==> flow/design.v <==
module gen_addsub_v2 #(
   parameter integer DATA_WIDTH = 7
) (
   input logic CLK,
   input logic nrst,
   input logic [DATA_WIDTH-1:0] rs1_in,
   input logic [DATA_WIDTH-1:0] rs2_in,
   input logic minus_in,
   output logic [DATA_WIDTH-1:0] out_out,
   output logic carry_out
);
   logic [DATA_WIDTH-1:0] rs1_d1;
   always_ff @(posedge CLK or negedge nrst) begin
      if (~nrst) begin
         rs1_d1 <= '0;
      end else begin
         rs1_d1 <= rs1_in;
      end
   end
   logic [DATA_WIDTH-1:0] rs2_d1;
   always_ff @(posedge CLK or negedge nrst) begin
      if (~nrst) begin
         rs2_d1 <= '0;
      end else begin
         rs2_d1 <= rs2_in;
      end
   end
   logic minus_d1;
   always_ff @(posedge CLK or negedge nrst) begin
      if (~nrst) begin
         minus_d1 <= 1'b0;
      end else begin
         minus_d1 <= minus_in;
      end
   end
   logic [DATA_WIDTH-1:0] t2;
   assign t2 = rs2_d1 ^ {DATA_WIDTH{minus_d1}};
   logic [DATA_WIDTH:0] val;
   assign val = rs1_d1 + t2 + minus_d1;
   logic [DATA_WIDTH-1:0] out_d1;
   always_ff @(posedge CLK or negedge nrst) begin
      if (~nrst) begin
         out_d1 <= '0;
      end else begin
         out_d1 <= val[DATA_WIDTH-1:0];
      end
   end
   assign out_out = out_d1;
   logic carry_d1;
   always_ff @(posedge CLK or negedge nrst) begin
      if (~nrst) begin
         carry_d1 <= 1'b0;
      end else begin
         carry_d1 <= val[DATA_WIDTH];
      end
   end
   assign carry_out = carry_d1;
endmodule
# Step by step through the tools: gen_addsub_v2
# Tool output for the design above, in the order of the flow.
# Line numbers count from 1 in the design file above.
# Operators: Yosys type, input widths -> output width; for muxes data width and select width s.
# Library cell names are shortened.
# A cell with - has no value.
[design]
design = "gen_addsub_v2"
clock_port = "CLK"
cell_library = "sky130hd"
corner = "tt_025C_1v80"

# Word level
# Yosys after proc, flatten, opt, wreduce and memory -nomap, before mapping. Enables and synchronous resets that opt folds into registers are not counted as muxes. Memory bits, and registers merged into a memory's read port (data or address), are not among the register bits. Print and check cells are not counted. Equal cells are merged and count once.
[op_classes]
n_shift = 0
reduce_and_logical = 0
cmp = 0
n_div = 0
add_sub_neg = 2
n_mul = 0
logic = 1
mux = 0
equal = 0
[op_table]
columns = ["op", "count"]
rows = [
  ["$add 7x7->8", 1],
  ["$add 8x1->8", 1],
  ["$xor 7x7->7", 1],
]
[word_totals]
wordCells = 8
ff_bits = 23
out_inout_bits = 8
mem_count = 0
rom_bits = 0
mem_bits_rw = 0
inputBits = 17
latch_bits = 0
clocked_rd_ports_x_width = 0

# Longest topological paths
# Longest topological path by Yosys (ltp), each cell counted once; first at word level (registers and memories cut), then after technology mapping (sequential cells cut; the memories' decode and read muxes count).
[logic_depth]
ltp_word = 3
ABC_AREA = 0
depth_mapped = 7
ltp_nobuf = 6

# After synthesis
# Source: synth_stat.txt of the flow (Yosys; design flattened, memories mapped). It holds for the ABC_AREA given above (unset counts as 0); a run with the other value may have another netlist.
# Totals and module areas in this step are rounded.
[synth_totals]
mapped_cells = 61
seqArea_um2 = 580
ffs = 23
buf_cells = 1
synth_area_um2 = 900
[types]
columns = ["cell", "count", "type_area_um2"]
rows = [
  ["dfrtp_1", 23, 575.552],
  ["ha_1", 6, 75.072],
  ["xor2_1", 8, 70.067],
  ["xnor2_1", 4, 35.034],
  ["a21oi_1", 5, 25.024],
  ["fa_1", 1, 20.019],
  ["a41oi_2", 1, 16.266],
  ["mux2_4", 1, 15.014],
  ["buf_6", 1, 11.261],
  ["nand2_1", 3, 11.261],
  ["o21ai_0", 2, 10.01],
  ["a21o_1", 1, 7.507],
  ["inv_1", 2, 7.507],
  ["o211ai_1", 1, 7.507],
  ["nor2b_1", 1, 6.256],
  ["nor2_1", 1, 3.754],
]

# Path before layout
# OpenSTA on the mapped netlist: ideal clock, no wires. The path of least setup slack (recovery checks aside). Input and output delay are each 20% of the period. Register names are those of the netlist, which keeps one name where synthesis merged equal registers.
[synth_timing]
path_kind = "register to register"
start = "register minus_d1"
end = "register out_d1[6]"
required_ns = 2.150
tclk_ns = 2.23
path_buffers = 1
delay_ns = 1.787
path_stages = 8
path_slack_ns = 0.443
arrival_ns = 1.707
setup_ns = 0.080
t_first_pin_ns = 0.000
period_less_setup_slack_ns = 1.787
# "delay_ns" is the arrival time less input delay plus setup time.
# "path_stages": output pins that drive a net of the path, with the launching flip-flop's if there is one; two outputs of one cell count as two.
# "period_less_setup_slack_ns" is the clock period less the worst setup slack; recovery checks do not enter. This is arithmetic on one report: input and output delays are still those of the set period (20% each).
# Between the ends stands the longest chain of elaborated cells between them, by number of cells; it is not shown to be the way that was timed. Of several equally long chains one is given.
# Each line given opens the expression or statement behind the cell; cells for indexed reads and writes are added by Yosys, which also makes memories of some case tables.
[synth_between]
cell_sequence = "dfrtp_1 > buf_6 > mux2_4 > fa_1 > a21oi_1 > o211ai_1 > a21oi_1 > xnor2_1"
elab_chain_len = 3
cells_between = 3
cone_lines = 2
classes_between = "add/sub (2); logic (1)"
[synth_rtl]
columns = ["item", "line", "rtl"]
rows = [
  ["start: declaration", 28, "logic minus_d1;"],
  ["start: assignment", 31, "minus_d1 <= 1'b0;"],
  ["start: assignment", 33, "minus_d1 <= minus_in;"],
  ["$xor 7x7->7", 37, "assign t2 = rs2_d1 ^ {DATA_WIDTH{minus_d1}};"],
  ["$add 7x7->8", 39, "assign val = rs1_d1 + t2 + minus_d1;"],
  ["$add 8x1->8", 39, ""],
  ["end: assignment", 43, "out_d1 <= '0;"],
  ["end: assignment", 45, "out_d1 <= val[DATA_WIDTH-1:0];"],
  ["end: declaration", 40, "logic [DATA_WIDTH-1:0] out_d1;"],
]

# Timing after layout
# From the final timing report of flow run 1: the path of least setup slack in the routed layout; clock arrival at registers is part of the times.
[layout_timing]
path_kind = "register to register"
start = "register minus_d1"
end = "register out_d1[6]"
required_ns = 2.47
t_first_pin_ns = 0.29
setup_ns = 0.06
path_buffers = 0
path_slack_ns = 0.32
path_stages = 7
arrival_ns = 2.15
tclk_ns = 2.23
# Between the ends stands the longest chain of elaborated cells between them, by number of cells; it is not shown to be the way that was timed. Of several equally long chains one is given.
[layout_between]
cell_sequence = "dfrtp_1 > mux2_4 > fa_1 > a21oi_1 > o211ai_1 > a21oi_1 > xnor2_1"
elab_chain_len = 3
cells_between = 3
cone_lines = 2
classes_between = "add/sub (2); logic (1)"
[layout_rtl]
columns = ["item", "line", "rtl"]
rows = [
  ["start: declaration", 28, "logic minus_d1;"],
  ["start: assignment", 31, "minus_d1 <= 1'b0;"],
  ["start: assignment", 33, "minus_d1 <= minus_in;"],
  ["$xor 7x7->7", 37, "assign t2 = rs2_d1 ^ {DATA_WIDTH{minus_d1}};"],
  ["$add 7x7->8", 39, "assign val = rs1_d1 + t2 + minus_d1;"],
  ["$add 8x1->8", 39, ""],
  ["end: assignment", 43, "out_d1 <= '0;"],
  ["end: assignment", 45, "out_d1 <= val[DATA_WIDTH-1:0];"],
  ["end: declaration", 40, "logic [DATA_WIDTH-1:0] out_d1;"],
]

# Flow measurements of gen_addsub_v2 on sky130hd: 3 stored runs with different settings, listed in no order. Input and output delays are each 20% of the period that was set; the output load is 0.01 pF.
# "clock_period_reached_ns" means the clock period less the worst setup slack. The figure is calculated, with input and output delays left at 20% of the set period.
# "worst_setup_path_time_ns" = time allowed to the worst setup path (clock period - input delay - output delay, where it has them) - its slack; a late launch clock adds to it, a late capture clock takes from it.
# "total_power_uw" is the tool's figure for a default switching activity; nothing was simulated.
# Values from the reports are rounded here.

[[run]]
name = "flow run 1"
[run.settings]
period_ns = 2.23
CAP_MARGIN = 20
CORE_MARGIN = 2
CORE_UTILIZATION = 40
SLEW_MARGIN = 20
[run.results]
synthesis_area_um2 = 900
dieArea_um2 = 2600
finalCellArea_um2 = 1200
utilization_pct = 55
fin_ws_ns = 0.32
final_setup_tns_ns = 0.000
total_power_uw = 900
clock_period_reached_ns = 1.905
worst_setup_path_time_ns = 1.91
worst_setup_path_type = "register to register"

[[run]]
name = "flow run 2"
[run.settings]
period_ns = 2.45
CORE_UTILIZATION = 37
SETUP_SLACK_MARGIN = 0.37
PLACE_DENSITY_LB_ADDON = 0.01
CORE_MARGIN = 5
CELL_PAD_IN_SITES_GLOBAL_PLACEMENT = 2
GPL_ROUTABILITY_DRIVEN = 0
SLEW_MARGIN = 35
MIN_ROUTING_LAYER = "met1"
CAP_MARGIN = 20
[run.results]
synthesis_area_um2 = 900
dieArea_um2 = 3500
finalCellArea_um2 = 1200
utilization_pct = 53
fin_ws_ns = 0.50
final_setup_tns_ns = 0.000
total_power_uw = 830
clock_period_reached_ns = 1.953
worst_setup_path_time_ns = 1.95
worst_setup_path_type = "register to register"

[[run]]
name = "flow run 3"
[run.settings]
period_ns = 1.63
CORE_UTILIZATION = 61
SETUP_SLACK_MARGIN = 0.09
PLACE_DENSITY_LB_ADDON = 0.3
CORE_ASPECT_RATIO = 0.98
CORE_MARGIN = 8
TNS_END_PERCENT = 40
ABC_AREA = 0
GPL_ROUTABILITY_DRIVEN = 1
CTS_CLUSTER_SIZE = 28
CTS_CLUSTER_DIAMETER = 326
SLEW_MARGIN = 25
CAP_MARGIN = 20
[run.results]
synthesis_area_um2 = 900
dieArea_um2 = 3000
finalCellArea_um2 = 1300
utilization_pct = 94
fin_ws_ns = -0.17
final_setup_tns_ns = -0.52
total_power_uw = 1300
clock_period_reached_ns = 1.800
worst_setup_path_time_ns = 1.80
worst_setup_path_type = "register to register"
